==> flow/design.v <==
module add_stage #(
    parameter integer DW = 48
) (
    input wire i_clk,
    input wire i_rst_n,
    input wire [DW-1:0] rs1_in,
    input wire [DW-1:0] rs2_in,
    output reg [DW:0] o_out
);
    always @(posedge i_clk) begin
        if (~i_rst_n) begin
            o_out <= 0;
        end else begin
            o_out <= rs1_in + rs2_in;
        end
    end
endmodule
# Reports on add_stage
# The steps from the RTL of add_stage to its reports follow in flow order.
# Lines are those of the file above, counted from 1.
# Operators carry their Yosys type and port widths (W data, S select, Z words).
# Cell names lack the library's common part.
setup:
  top_module: "add_stage"
  clock: "i_clk"
  cell_library: "sky130hd"
  lib_corner: "tt_025C_1v80"

# Word-level counts
# Source: Yosys, flattened and elaborated, memories not mapped. Widths are those after wreduce; folded enables and synchronous resets count as part of the registers. Registers that Yosys merges into a memory's read port (data or address) are not register bits. Print and check cells do not count. Equal cells are merged and count once.
op_classes:
  shifts: 0
  equal: 0
  n_cmp: 0
  reduce_logical: 0
  multipliers: 0
  add_sub_neg: 1
  bitwise: 0
  div_mod_pow: 0
  muxes: 0
op_table:
  columns: ["cell", "n"]
  rows:
  - ["$add A48 B48 Y49", 1]
word_totals:
  ff_bits: 49
  clocked_rd_ports_x_width: 0
  mem_bits_ro: 0
  n_memories: 0
  latchBits: 0
  ram_bits: 0

# Longest topological paths
# Depth = most cells in a row (Yosys ltp): at word level without a register or memory, in the mapped netlist without a sequential cell, where the memories' decode and read muxes count.
logic_depth:
  ltp_word: 1
  ABC_AREA: 0
  mapped_depth: 10
  depth_no_buf: 10

# Synthesis result
# Source: synth_stat.txt of the flow (Yosys; design flattened, memories mapped). It holds for the ABC_AREA given above (unset counts as 0); a run with the other value may have another netlist.
# The area totals of this step are shown rounded.
types:
  columns: ["cell_type", "n"]
  rows:
  - ["dfxtp_1", 49]
  - ["ha_1", 48]
  - ["nor2_1", 62]
  - ["a21oi_1", 43]
  - ["nand2_1", 41]
  - ["a21o_1", 20]
  - ["xnor2_1", 17]
  - ["o21ai_0", 24]
  - ["xor2_1", 13]
  - ["mux2i_1", 7]
  - ["nand4_1", 11]
  - ["nand3_1", 13]
  - ["nor3_1", 13]
  - ["and3_1", 9]
  - ["a2111oi_4", 2]
  - ["inv_1", 14]
  - ["o21ai_2", 6]
  - ["o41ai_2", 3]
# Other cell types: 64; their cells: 118.
mapped:
  stdcells: 513
  yosys_area_mm2: 0.00427
  seqArea_mm2: 0.000981
  n_buf: 22
  ffs: 49

# Timing after synthesis
# Path of least setup slack by OpenSTA after synthesis, without wires, with an ideal clock, recovery checks aside; 20% of the period is set as input and as output delay. Where synthesis merged equal registers, the netlist keeps one of their names.
synth_path:
  path_type: "input to register"
  from: "input port rs1_in[0]"
  to: "register o_out[30]"
  driving_pins: 10
  required_time_ns: 3.574
  slack_ns: 0.593
  delay_ns: 2.359
  arrival_time_ns: 2.981
  period_ns: 3.69
  t_first_pin_ns: 0.738
  period_less_setup_slack_ns: 3.097
# "delay_ns" is the arrival time less input delay plus setup time.
# "driving_pins" counts driving pins, that of a launching flip-flop among them; a cell with two outputs on the path counts twice.
# "period_less_setup_slack_ns" is the clock period less the worst setup slack; recovery checks do not enter. This is arithmetic on one report: input and output delays are still those of the set period (20% each).
# Between the ends stands the longest chain of elaborated cells between them, by number of cells; it is not shown to be the way that was timed. Of several equally long chains one is given.
# Each line given opens the expression or statement behind the cell; cells for indexed reads and writes are added by Yosys, which also makes memories of some case tables.
synth_via:
  path_cell_list: "ha_1 -> fa_1 -> a211oi_2 -> o211ai_2 -> a41o_4 -> a2111oi_4 -> o21ai_2 -> a41oi_2 -> a211o_1 -> o21ai_1"
  elab_chain_len: 1
  cells_between: 1
  cone_lines: 1
  classes_between: "1 x add/sub"
synth_rtl:
  columns: ["item", "line_no", "rtl"]
  rows:
  - ["from (decl)", 6, "input wire [DW-1:0] rs1_in,"]
  - ["$add A48 B48 Y49", 14, "o_out <= rs1_in + rs2_in;"]
  - ["to (assign)", 12, "o_out <= 0;"]
  - ["to (assign)", 14, null]
  - ["to (decl)", 8, "output reg [DW:0] o_out"]

# Timing after layout
# From the final timing report of stored run 1: the path of least setup slack in the routed layout; clock arrival at registers is part of the times.
layout_path:
  path_type: "input to register"
  from: "input port rs1_in[0]"
  to: "register o_out[30]"
  arrival_time_ns: 3.56
  period_ns: 3.69
  required_time_ns: 3.89
  driving_pins: 11
  t_first_pin_ns: 0.74
  slack_ns: 0.33
# Between the ends stands the longest chain of elaborated cells between them, by number of cells; it is not shown to be the way that was timed. Of several equally long chains one is given.
layout_via:
  path_cell_list: "clkdlybuf4s50_1 -> ha_1 -> fa_1 -> a211oi_2 -> o211ai_2 -> a41o_4 -> a2111oi_4 -> o21ai_2 -> a41oi_2 -> a211o_1 -> o21ai_1"
  elab_chain_len: 1
  cells_between: 1
  cone_lines: 1
  classes_between: "1 x add/sub"
layout_rtl:
  columns: ["item", "line_no", "rtl"]
  rows:
  - ["from (decl)", 6, "input wire [DW-1:0] rs1_in,"]
  - ["$add A48 B48 Y49", 14, "o_out <= rs1_in + rs2_in;"]
  - ["to (assign)", 12, "o_out <= 0;"]
  - ["to (assign)", 14, null]
  - ["to (decl)", 8, "output reg [DW:0] o_out"]

Subject: flow runs of add_stage

Hi,

Flow measurements of add_stage on sky130hd: 2 stored runs with different settings, listed in no order. Input and output delays are each 20% of the period that was set; the output load is 0.01 pF.
"period_less_ws_ns": clock period set for the run, less the worst setup slack. It is reckoned from that one timing run; input and output delays stay at 20% of the period that was set.
By "worst_path_ns" is meant the share of the clock period that the worst setup path is allowed (20% is reserved at inputs, 20% at outputs), minus its slack. Clock arrival times at its registers enter into it.
"design_power_w": no workload was simulated; the value follows from the tool's default switching activity.
The results are shown rounded.

--- stored run 1 ---
==> flow/run.sh <==
#!/bin/bash
# the make line also repeats the synthesis and layout settings of config.mk as NAME=value (left out here)
make -C /OpenROAD-flow-scripts/flow DESIGN_CONFIG=/design/flow/config.mk WORK_HOME=/design/flow/orfs CLKGATE_MAP_FILE= finish
==> flow/config.mk <==
export PLATFORM = sky130hd
export DESIGN_NAME = add_stage
export DESIGN_NICKNAME = add_stage
export VERILOG_FILES = /design/flow/design.v
export SDC_FILE = /design/flow/constraint.sdc
export NUM_CORES = 4
export LEC_CHECK = 0
export CAP_MARGIN = 20
export CORE_MARGIN = 2
export CORE_UTILIZATION = 40
export SLEW_MARGIN = 20
==> flow/constraint.sdc <==
create_clock -name core_clock -period 3.69 [get_ports {i_clk}]
set_input_delay 0.7380 -clock core_clock [delete_from_list [all_inputs] [get_ports {i_clk}]]
set_output_delay 0.7380 -clock core_clock [all_outputs]
set_load 0.01 [all_outputs]

==> results, as YAML <==
results:
  final_setup_ws_ns: 0.328
  design_power_w: 0.00184
  worst_path_ns: 2.62
  worst_setup_path_type: "input to register"
  layout_stdcell_area_mm2: 0.00591
  die_area_mm2: 0.0115
  worst_hold_slack_ns: 1.14
  period_less_ws_ns: 3.362
  finalUtil_pct: 57.3
  total_negative_slack_ns: 0.000
  synth_area_mm2: 0.00427

--- stored run 2 ---
==> flow/run.sh <==
#!/bin/bash
# the make line also repeats the synthesis and layout settings of config.mk as NAME=value (left out here)
make -C /OpenROAD-flow-scripts/flow DESIGN_CONFIG=/design/flow/config.mk WORK_HOME=/design/flow/orfs CLKGATE_MAP_FILE= finish
==> flow/config.mk <==
export PLATFORM = sky130hd
export DESIGN_NAME = add_stage
export DESIGN_NICKNAME = add_stage
export VERILOG_FILES = /design/flow/design.v
export SDC_FILE = /design/flow/constraint.sdc
export NUM_CORES = 4
export LEC_CHECK = 0
export CAP_MARGIN = 20
export CELL_PAD_IN_SITES_DETAIL_PLACEMENT = 2
export CORE_MARGIN = 2
export CORE_UTILIZATION = 17
export CTS_CLUSTER_SIZE = 52
export GPL_ROUTABILITY_DRIVEN = 1
export GPL_TIMING_DRIVEN = 0
export PLACE_DENSITY_LB_ADDON = 0.12
export SETUP_SLACK_MARGIN = 0.61
export SLEW_MARGIN = 40
export TNS_END_PERCENT = 85
==> flow/constraint.sdc <==
create_clock -name core_clock -period 2.78 [get_ports {i_clk}]
set_input_delay 0.5560 -clock core_clock [delete_from_list [all_inputs] [get_ports {i_clk}]]
set_output_delay 0.5560 -clock core_clock [all_outputs]
set_load 0.01 [all_outputs]

==> results, as YAML <==
results:
  final_setup_ws_ns: 0.121
  design_power_w: 0.00342
  worst_path_ns: 2.10
  worst_setup_path_type: "input to register"
  layout_stdcell_area_mm2: 0.00837
  die_area_mm2: 0.0264
  worst_hold_slack_ns: 0.560
  period_less_ws_ns: 2.659
  finalUtil_pct: 33.6
  total_negative_slack_ns: 0.000
  synth_area_mm2: 0.00427

Regards
